==> flow/design.v <==
module core_mul_v2 #(
  parameter int W = 5
) (
  input  logic i_clk,
  input  logic clk_en,
  input  logic [W-1:0] i_da,
  input  logic [W-1:0] i_db,
  input  logic [2*W-1:0] i_dc,
  output logic [2*W:0] o_out
);
  logic [W-1:0] da_reg;
  logic [W-1:0] db_reg;
  logic [2*W-1:0] dc_reg;
  logic [2*W-1:0] t_reg;
  logic [2*W-1:0] dc_reg_d;
  always_ff @(posedge i_clk) begin
    if (clk_en) begin
      da_reg <= i_da;
      db_reg <= i_db;
      dc_reg <= i_dc;
      t_reg <= da_reg * db_reg;
      dc_reg_d <= dc_reg;
      o_out <= t_reg + dc_reg_d;
    end
  end
endmodule
Memo
Re: synthesis data of core_mul_v2

-- Step by step through the tools: core_mul_v2
Module core_mul_v2 in several versions that differ in "W"; each step lists the members.
The file above is the member W=5. Line numbers count from 1 in each member's own file.
Operators carry their Yosys type and port widths (W data, S select, Z words).
Library cell names are shortened.
Not given: n/a
- design top: core_mul_v2
- clock port: i_clk
- cell library: sky130hd
- library corner: tt_025C_1v80

-- Members of the sweep
New or changed lines of each further member against the RTL above, in its own file; lines it lacks are not shown.
- lines new or changed (W ; line ; source):
    9 ; 2 ; parameter int W = 9
    10 ; 2 ; parameter int W = 10
    11 ; 2 ; parameter int W = 11
    14 ; 2 ; parameter int W = 14

-- After elaboration
Counts by Yosys on the flattened word-level netlist (proc, flatten, opt, wreduce; memories kept). Register bits leave out memories and registers merged into their read ports (data or address); mux counts leave out enables and synchronous resets folded into registers. Print and check cells are left out. Cells with the same type and inputs are merged into one.
- operators by class (W ; multipliers ; add/sub/neg operators):
    5 ; 1 ; 1
    9 ; 1 ; 1
    10 ; 1 ; 1
    11 ; 1 ; 1
    14 ; 1 ; 1
- operators by type and width (W ; kind and count):
    5 ; 1 x $mul A5 B5 Y10; 1 x $add A10 B10 Y11
    9 ; 1 x $mul A9 B9 Y18; 1 x $add A18 B18 Y19
    10 ; 1 x $mul A10 B10 Y20; 1 x $add A20 B20 Y21
    11 ; 1 x $mul A11 B11 Y22; 1 x $add A22 B22 Y23
    14 ; 1 x $mul A14 B14 Y28; 1 x $add A28 B28 Y29
- storage and ports (W ; output and inout bits ; cells after elaboration ; register bits after elaboration ; input bits):
    5 ; 11 ; 8 ; 51 ; 22
    9 ; 19 ; 8 ; 91 ; 38
    10 ; 21 ; 8 ; 101 ; 42
    11 ; 23 ; 8 ; 111 ; 46
    14 ; 29 ; 8 ; 141 ; 58

-- Depth
Longest topological path by Yosys (ltp), each cell counted once; first at word level (registers and memories cut), then after technology mapping (sequential cells cut; the memories' decode and read muxes count).
- depth (W ; depth in word-level cells ; ABC_AREA ; mapped depth ; gate-level depth less buffers):
    5 ; 1 ; 0 ; 12 ; 12
    9 ; 1 ; 0 ; 18 ; 17
    10 ; 1 ; 0 ; 19 ; 17
    11 ; 1 ; 0 ; 20 ; 19
    14 ; 1 ; 0 ; 22 ; 21

-- Mapped cells and area
Yosys stat after the flow's synthesis: flattened, memories mapped to cells. It holds for the ABC_AREA given above (unset counts as 0); a run with the other value may have another netlist.
- cell types (W ; types with counts):
    5 ; 51 x edfxtp_1; 28 x ha_1; 10 x fa_1; 11 x xnor2_1; 15 x and2_1; 14 x inv_1; 14 x nand2_1; 10 x a21oi_1; 5 x a21o_1; 3 x xor2_1; 1 x o41ai_2; 4 x nor2_1; 1 x nor2b_4; 2 x a31oi_1; 2 x and3_1; 2 x nand3_1; 2 x o21ai_0; 1 x a31o_1; [+10]
    9 ; 91 x edfxtp_1; 51 x fa_1; 56 x ha_1; 49 x and2_1; 76 x inv_1; 22 x xnor2_1; 45 x nand2_1; 20 x a21oi_1; 16 x nor2_1; 7 x a21o_1; 8 x o21ai_1; 5 x o21bai_1; 1 x o41ai_4; 3 x xor2_1; 2 x a211oi_2; 4 x nand2b_1; 5 x nand3_1; 5 x nor3_1; [+40]
    10 ; 101 x edfxtp_1; 63 x fa_1; 75 x ha_1; 66 x and2_1; 66 x inv_1; 61 x nand2_1; 19 x xnor2_1; 32 x a21oi_1; 11 x xor2_1; 19 x nor2_1; 8 x a21o_1; 12 x o21ai_0; 11 x nand3_1; 6 x o21bai_1; 11 x clkbuf_1; 8 x nor3_1; 6 x nand4_1; 5 x o31ai_1; [+68]
    11 ; 111 x edfxtp_1; 81 x fa_1; 82 x ha_1; 70 x and2_1; 109 x inv_1; 70 x nand2_1; 25 x xnor2_1; 20 x a21o_1; 29 x a21oi_1; 26 x nor2_1; 24 x clkbuf_1; 10 x xor2_1; 6 x o21a_1; 2 x a221oi_2; 6 x nand3_1; 6 x o21ai_0; 4 x o21bai_1; 4 x nor3_1; [+42]
    14 ; 141 x edfxtp_1; 142 x fa_1; 120 x ha_1; 100 x and2_1; 161 x inv_1; 128 x nand2_1; 29 x xnor2_1; 44 x a21oi_1; 27 x a21o_1; 16 x xor2_1; 37 x clkbuf_1; 27 x nor2_1; 14 x and3_1; 17 x o21ai_0; 9 x o21a_1; 13 x nand3_1; 8 x nor2b_1; 5 x a211oi_1; [+90]
A list marked [+n] leaves out that many cells.
- mapped netlist (W ; standard cells after synthesis ; flip-flop cells ; sequential part of the area (um2) ; cell area after synthesis (um2) ; buffers):
    5 ; 186 ; 51 ; 1531.5 ; 2656.3 ; 0
    9 ; 506 ; 91 ; 2732.6 ; 6145.9 ; 6
    10 ; 648 ; 101 ; 3032.9 ; 7512.2 ; 17
    11 ; 727 ; 111 ; 3333.2 ; 8401.8 ; 24
    14 ; 1128 ; 141 ; 4234.1 ; 12454.4 ; 39

-- Timing after synthesis
OpenSTA on the mapped netlist: ideal clock, no wires. The path of least setup slack (recovery checks aside). Input and output delay are each 20% of the period. Register names are those of the netlist, which keeps one name where synthesis merged equal registers.
- timing after synthesis (W ; path type ; start point ; end point ; clock period (ns) ; path delay (ns) ; stages on the path ; setup slack (ns) ; synthesis period reached (ns)):
    5 ; register to register ; register db_reg[3] ; register t_reg[8] ; 4.11 ; 3.286 ; 12 ; 0.825 ; 3.285
    9 ; register to register ; register db_reg[2] ; register t_reg[13] ; 5.3 ; 4.243 ; 16 ; 1.057 ; 4.243
    10 ; register to register ; register db_reg[3] ; register t_reg[12] ; 6.15 ; 4.923 ; 19 ; 1.226 ; 4.924
    11 ; register to register ; register db_reg[4] ; register t_reg[18] ; 6.25 ; 5.002 ; 19 ; 1.248 ; 5.002
    14 ; register to register ; register db_reg[8] ; register t_reg[27] ; 7.11 ; 5.685 ; 22 ; 1.425 ; 5.685
"path delay" is the arrival time less input delay plus setup time.
"stages on the path": output pins that drive a net of the path, with the launching flip-flop's if there is one; two outputs of one cell count as two.
"synthesis period reached" = period - worst setup slack (recovery checks aside). The figure is calculated, with input and output delays left at 20% of the set period.
The rows between start and end are the longest chain of elaborated cells between them; the timing report does not say that the signal goes this way. Where chains are equally long, one stands for them.
Each line given opens the expression or statement behind the cell; cells for indexed reads and writes are added by Yosys, which also makes memories of some case tables.
Between the ends, after synthesis, W=5:
- length of the longest elaborated chain: 1
- ends and longest elaborated chain, after synthesis, W=5 (item ; line ; source):
    from (decl) ; 12 ; logic [W-1:0] db_reg;
    from (assign) ; 19 ; db_reg <= i_db;
    $mul A5 B5 Y10 ; 21 ; t_reg <= da_reg * db_reg;
    to (assign) ; 21 ;
    to (decl) ; 14 ; logic [2*W-1:0] t_reg;
Between the ends, after synthesis, W=14:
- length of the longest elaborated chain: 1
- ends and longest elaborated chain, after synthesis, W=14 (item ; line ; source):
    from (decl) ; 12 ; logic [W-1:0] db_reg;
    from (assign) ; 19 ; db_reg <= i_db;
    $mul A14 B14 Y28 ; 21 ; t_reg <= da_reg * db_reg;
    to (assign) ; 21 ;
    to (decl) ; 14 ; logic [2*W-1:0] t_reg;

-- Timing after layout
From the final timing report of each member's run: the path of least setup slack in the routed layout; clock arrival at registers is part of the times.
- timing post-layout (W ; path type ; start point ; end point ; arrival (ns) ; stages on the path ; path buffers ; clock period (ns) ; setup slack (ns)):
    5 ; register to register ; register db_reg[4] ; register t_reg[8] ; 3.48 ; 12 ; 0 ; 4.11 ; 0.69
    9 ; register to register ; register db_reg[2] ; register t_reg[13] ; 4.54 ; 15 ; 0 ; 5.3 ; 0.85
    10 ; register to register ; register db_reg[3] ; register t_reg[12] ; 5.30 ; 18 ; 0 ; 6.15 ; 0.96
    11 ; register to register ; register da_reg[7] ; register t_reg[19] ; 5.39 ; 17 ; 0 ; 6.25 ; 0.97
    14 ; register to register ; register da_reg[8] ; register t_reg[27] ; 6.44 ; 19 ; 0 ; 7.11 ; 0.91

-- Flow runs
One run of the flow (Yosys, OpenROAD) for each member, with settings and measured results. Input and output delays are each 20% of the period that was set; the output load is 0.01 pF.
- CAP_MARGIN: 20
- CORE_MARGIN: 2
- CORE_UTILIZATION: 40
- noted SLEW_MARGIN: 20
- settings that differ (W ; period_ns):
    5 ; 4.11
    9 ; 5.3
    10 ; 6.15
    11 ; 6.25
    14 ; 7.11
- results (W ; achieved period (ns) ; worst setup slack after layout (ns) ; utilization after routing (%) ; final setup TNS (ns) ; chip area in the Yosys report (um2) ; die size (um2) ; std-cell area (final layout) (um2) ; post-route worst hold slack (ns)):
    5 ; 3.425 ; 0.685 ; 49.7 ; 0.000 ; 2656.3 ; 7308.5 ; 3173.0 ; 0.425
    9 ; 4.446 ; 0.854 ; 47.6 ; 0.000 ; 6145.9 ; 16372.5 ; 7175.6 ; 0.419
    10 ; 5.188 ; 0.962 ; 46.6 ; 0.000 ; 7512.2 ; 19892.3 ; 8660.8 ; 0.418
    11 ; 5.281 ; 0.969 ; 46.5 ; 0.000 ; 8401.8 ; 22180.1 ; 9674.3 ; 0.422
    14 ; 6.204 ; 0.906 ; 46.6 ; 0.000 ; 12454.4 ; 32564.0 ; 14263.7 ; 0.416
"achieved period" is the run's clock period less its worst setup slack. It is reckoned from that one timing run; input and output delays stay at 20% of the period that was set.
